==> flow/design.v <==
module u_sum_block_blk #(
  parameter int WD = 5,
  parameter int INPUTS = 20,
  parameter int SUM_W = WD + $clog2(INPUTS)
) (
  input  logic clk_i,
  input  logic i_rst,
  input  logic [INPUTS*WD-1:0] d_in,
  output logic [SUM_W-1:0] result_out
);
  logic [INPUTS*WD-1:0] r_d;
  always_ff @(posedge clk_i or posedge i_rst) begin
    if (i_rst) begin
      r_d <= 0;
    end else begin
      r_d <= d_in;
    end
  end
  logic [SUM_W-1:0] cur;
  always_comb begin
    cur = 0;
    for (int n = 0; n < INPUTS; n++)
      cur = cur + r_d[n*WD +: WD];
  end
  always_ff @(posedge clk_i or posedge i_rst) begin
    if (i_rst) begin
      result_out <= 0;
    end else begin
      result_out <= cur;
    end
  end
endmodule
# Reports on u_sum_block_blk
# What the tools print for u_sum_block_blk, step after step.
# Line numbers count from 1 in the design file above.
# Operators: Yosys type, input widths -> output width; for muxes data width and select width s.
# The mark -- stands for no value.
# setup
design	u_sum_block_blk
clock	clk_i
lib	sky130hd
lib_corner	tt_025C_1v80

# Word level
# Yosys after proc, flatten, opt, wreduce and memory -nomap, before mapping. Enables and synchronous resets that opt folds into registers are not counted as muxes. Memory bits, and registers merged into a memory's read port (data or address), are not among the register bits. Print and check cells are not counted. Equal cells are merged and count once.
# word_totals
regBits	110
latchBits	0
ramBits	0
mem_bits_ro	0
clocked_rd_ports_x_width	0
mem_count	0
input_bits	102
output_inout_bits	10
elab_cells	21
# classes
n_addsub	19
n_mul	0
div	0
compare	0
eq_ne	0
n_shift	0
n_mux	0
n_logic	0
reduce_and_logical	0
# op_table
cell	count
$add 10x5->10	14
$add 9x5->10	1
$add 8x5->9	1
$add 7x5->8	1
$add 6x5->7	1
$add 5x5->6	1

# Depth
# Depth = most cells in a row (Yosys ltp): at word level without a register or memory, in the mapped netlist without a sequential cell, where the memories' decode and read muxes count.
# logic_depth
word_depth	19
abc_area	1
depth_mapped	20
mapped_depth_nobuf	20

# After synthesis
# Yosys stat after the flow's synthesis: flattened, memories mapped to cells. It holds for the ABC_AREA given above (unset counts as 0); a run with the other value may have another netlist.
# synth_totals
cell_count	420
area_mm2	0.0055753
seqArea_mm2	0.0027526
ffs	110
buffers	0
# by_type
cell	count	type_area_um2
sky130_fd_sc_hd__dfrtp_1	110	2752.64
sky130_fd_sc_hd__fa_1	84	1.68E+03
sky130_fd_sc_hd__inv_1	155	581.808
sky130_fd_sc_hd__ha_1	27	337.824
sky130_fd_sc_hd__nand2_1	24	90.086
sky130_fd_sc_hd__xnor2_1	3	26.275
sky130_fd_sc_hd__nand3_1	5	25.024
sky130_fd_sc_hd__a21oi_4	1	16.266
sky130_fd_sc_hd__a21oi_1	3	15.014
sky130_fd_sc_hd__nand2_4	1	11.261
sky130_fd_sc_hd__or2_4	1	8.758
sky130_fd_sc_hd__inv_2	2	7.507
sky130_fd_sc_hd__nand3b_1	1	7.507
sky130_fd_sc_hd__nor2_1	2	7.507
sky130_fd_sc_hd__nand4_1	1	6.256

# Path before layout
# OpenSTA on the mapped netlist: ideal clock, no wires. The path of least setup slack (recovery checks aside). Input and output delay are each 20% of the period. Register names are those of the netlist, which keeps one name where synthesis merged equal registers.
# synth_timing
path_kind	register -> register
start	reg r_d[63]
end	reg result_out[8]
clock_period_ns	6.65
setup_ns	0.117
t_first_pin_ns	0.000
arrival_ns	4.908
t_required_ns	6.533
slack_ns	1.625
path_delay_ns	5.025
stages	18
path_buffers	0
synth_period_reached_ns	5.025
# "path_delay_ns" = arrival - input delay + setup time.
# "stages" counts driving pins, that of a launching flip-flop among them; a cell with two outputs on the path counts twice.
# "synth_period_reached_ns" = period - worst setup slack (recovery checks aside). The figure is calculated, with input and output delays left at 20% of the set period.
# Between the ends stands the longest chain of elaborated cells between them, by number of cells; it is not shown to be the way that was timed. Of several equally long chains one is given.
# A line is the first line of the expression or statement that the cell stems from. Yosys adds cells for indexed reads and writes and turns some case tables into memories.
# synth_via
path_cell_list	sky130_fd_sc_hd__dfrtp_1 > sky130_fd_sc_hd__fa_1 > sky130_fd_sc_hd__inv_1 > sky130_fd_sc_hd__fa_1 > sky130_fd_sc_hd__fa_1 > sky130_fd_sc_hd__inv_1 > sky130_fd_sc_hd__fa_1 > sky130_fd_sc_hd__fa_1 > sky130_fd_sc_hd__fa_1 > sky130_fd_sc_hd__inv_1 > sky130_fd_sc_hd__fa_1 > sky130_fd_sc_hd__inv_1 > sky130_fd_sc_hd__ha_1 > sky130_fd_sc_hd__or2_4 > sky130_fd_sc_hd__nand3_1 > sky130_fd_sc_hd__nand2_1 > sky130_fd_sc_hd__nand2_1 > sky130_fd_sc_hd__nand2_1
elab_chain_len	8
cone_cells	8
cone_lines	1
classes_between	add/sub (8)
# synth_rtl
element	line	rtl
start, declared	11	logic [INPUTS*WD-1:0] r_d;
start, assigned	14	r_d <= 0;
start, assigned	16	r_d <= d_in;
$add 10x5->10 x8	23	cur = cur + r_d[n*WD +: WD];
end, assigned	27	result_out <= 0;
end, assigned	29	result_out <= cur;
end, declared	9	output logic [SUM_W-1:0] result_out

# Worst path after layout
# From the final timing report of run 1: the path of least setup slack in the routed layout; clock arrival at registers is part of the times.
# layout_timing
path_kind	register -> register
start	reg r_d[87]
end	reg result_out[7]
clock_period_ns	3.9
setup_ns	0.10
t_first_pin_ns	0.35
arrival_ns	5.17
t_required_ns	4.15
slack_ns	-1.02
stages	20
path_buffers	0
# Between the ends stands the longest chain of elaborated cells between them, by number of cells; it is not shown to be the way that was timed. Of several equally long chains one is given.
# layout_via
path_cell_list	sky130_fd_sc_hd__dfrtp_1 > sky130_fd_sc_hd__inv_2 > sky130_fd_sc_hd__fa_1 > sky130_fd_sc_hd__inv_1 > sky130_fd_sc_hd__fa_1 > sky130_fd_sc_hd__inv_2 > sky130_fd_sc_hd__fa_1 > sky130_fd_sc_hd__fa_1 > sky130_fd_sc_hd__inv_2 > sky130_fd_sc_hd__fa_1 > sky130_fd_sc_hd__inv_1 > sky130_fd_sc_hd__fa_1 > sky130_fd_sc_hd__inv_2 > sky130_fd_sc_hd__fa_1 > sky130_fd_sc_hd__inv_1 > sky130_fd_sc_hd__fa_2 > sky130_fd_sc_hd__inv_2 > sky130_fd_sc_hd__nand3_2 > sky130_fd_sc_hd__nand4_1 > sky130_fd_sc_hd__nand2_1
elab_chain_len	3
cone_cells	3
cone_lines	1
classes_between	add/sub (3)
# layout_rtl
element	line	rtl
start, declared	11	logic [INPUTS*WD-1:0] r_d;
start, assigned	14	r_d <= 0;
start, assigned	16	r_d <= d_in;
$add 10x5->10 x3	23	cur = cur + r_d[n*WD +: WD];
end, assigned	27	result_out <= 0;
end, assigned	29	result_out <= cur;
end, declared	9	output logic [SUM_W-1:0] result_out

# Measured results for u_sum_block_blk: 3 stored runs of the Yosys and OpenROAD flow on sky130hd. The settings differ; the order carries no meaning. The constraints put input and output delay at 20% of the set period each and load the outputs with 0.01 pF.
# "timing.achieved_period_ns": clock period set for the run, less the worst setup slack. It is reckoned from that one timing run; input and output delays stay at 20% of the period that was set.
# "timing.worst_path_ns" means the part of the period allowed to the worst setup path (the constraints hold back 20% at inputs and 20% at outputs) less its slack; where the path has registers, the arrival times of their clocks count too.
# A setting shown as . is not set for that run.
run name	period_ns	CORE_UTILIZATION	PLACE_DENSITY	HOLD_SLACK_MARGIN	ABC_AREA	GPL_TIMING_DRIVEN	GPL_ROUTABILITY_DRIVEN	CTS_CLUSTER_SIZE	CTS_CLUSTER_DIAMETER	CAP_MARGIN	MIN_ROUTING_LAYER	CORE_MARGIN	SLEW_MARGIN	CELL_PAD_IN_SITES_DETAIL_PLACEMENT	TNS_END_PERCENT	design.die.area_mm2	worstSetupSlack_ns	timing.achieved_period_ns	synthArea_mm2	timing.worst_path_ns	critical_path_kind	hold_worst_slack_ns	finalUtil_pct	tns_setup_ns	post_route_stdcell_area_mm2
run 1	3.9	20	0.54	0.2	1	1	1	98	199	15	met2	2	20	.	.	0.029229	-1.021	4.921	0.0055753	4.92	register -> register	0.499	27.6	-7.887	0.0076348
run 2	4.94	41	0.56	.	0	.	.	.	.	20	met1	2	20	0	35	0.0143676	-0.290	5.230	0.005504	5.23	register -> register	0.497	55.4	-1.161	0.007307
run 3	6.65	40	.	.	.	.	.	.	.	20	.	2	20	.	.	0.0147149	1.120	5.530	0.005504	5.53	register -> register	0.508	53.5	0.000	0.0071469
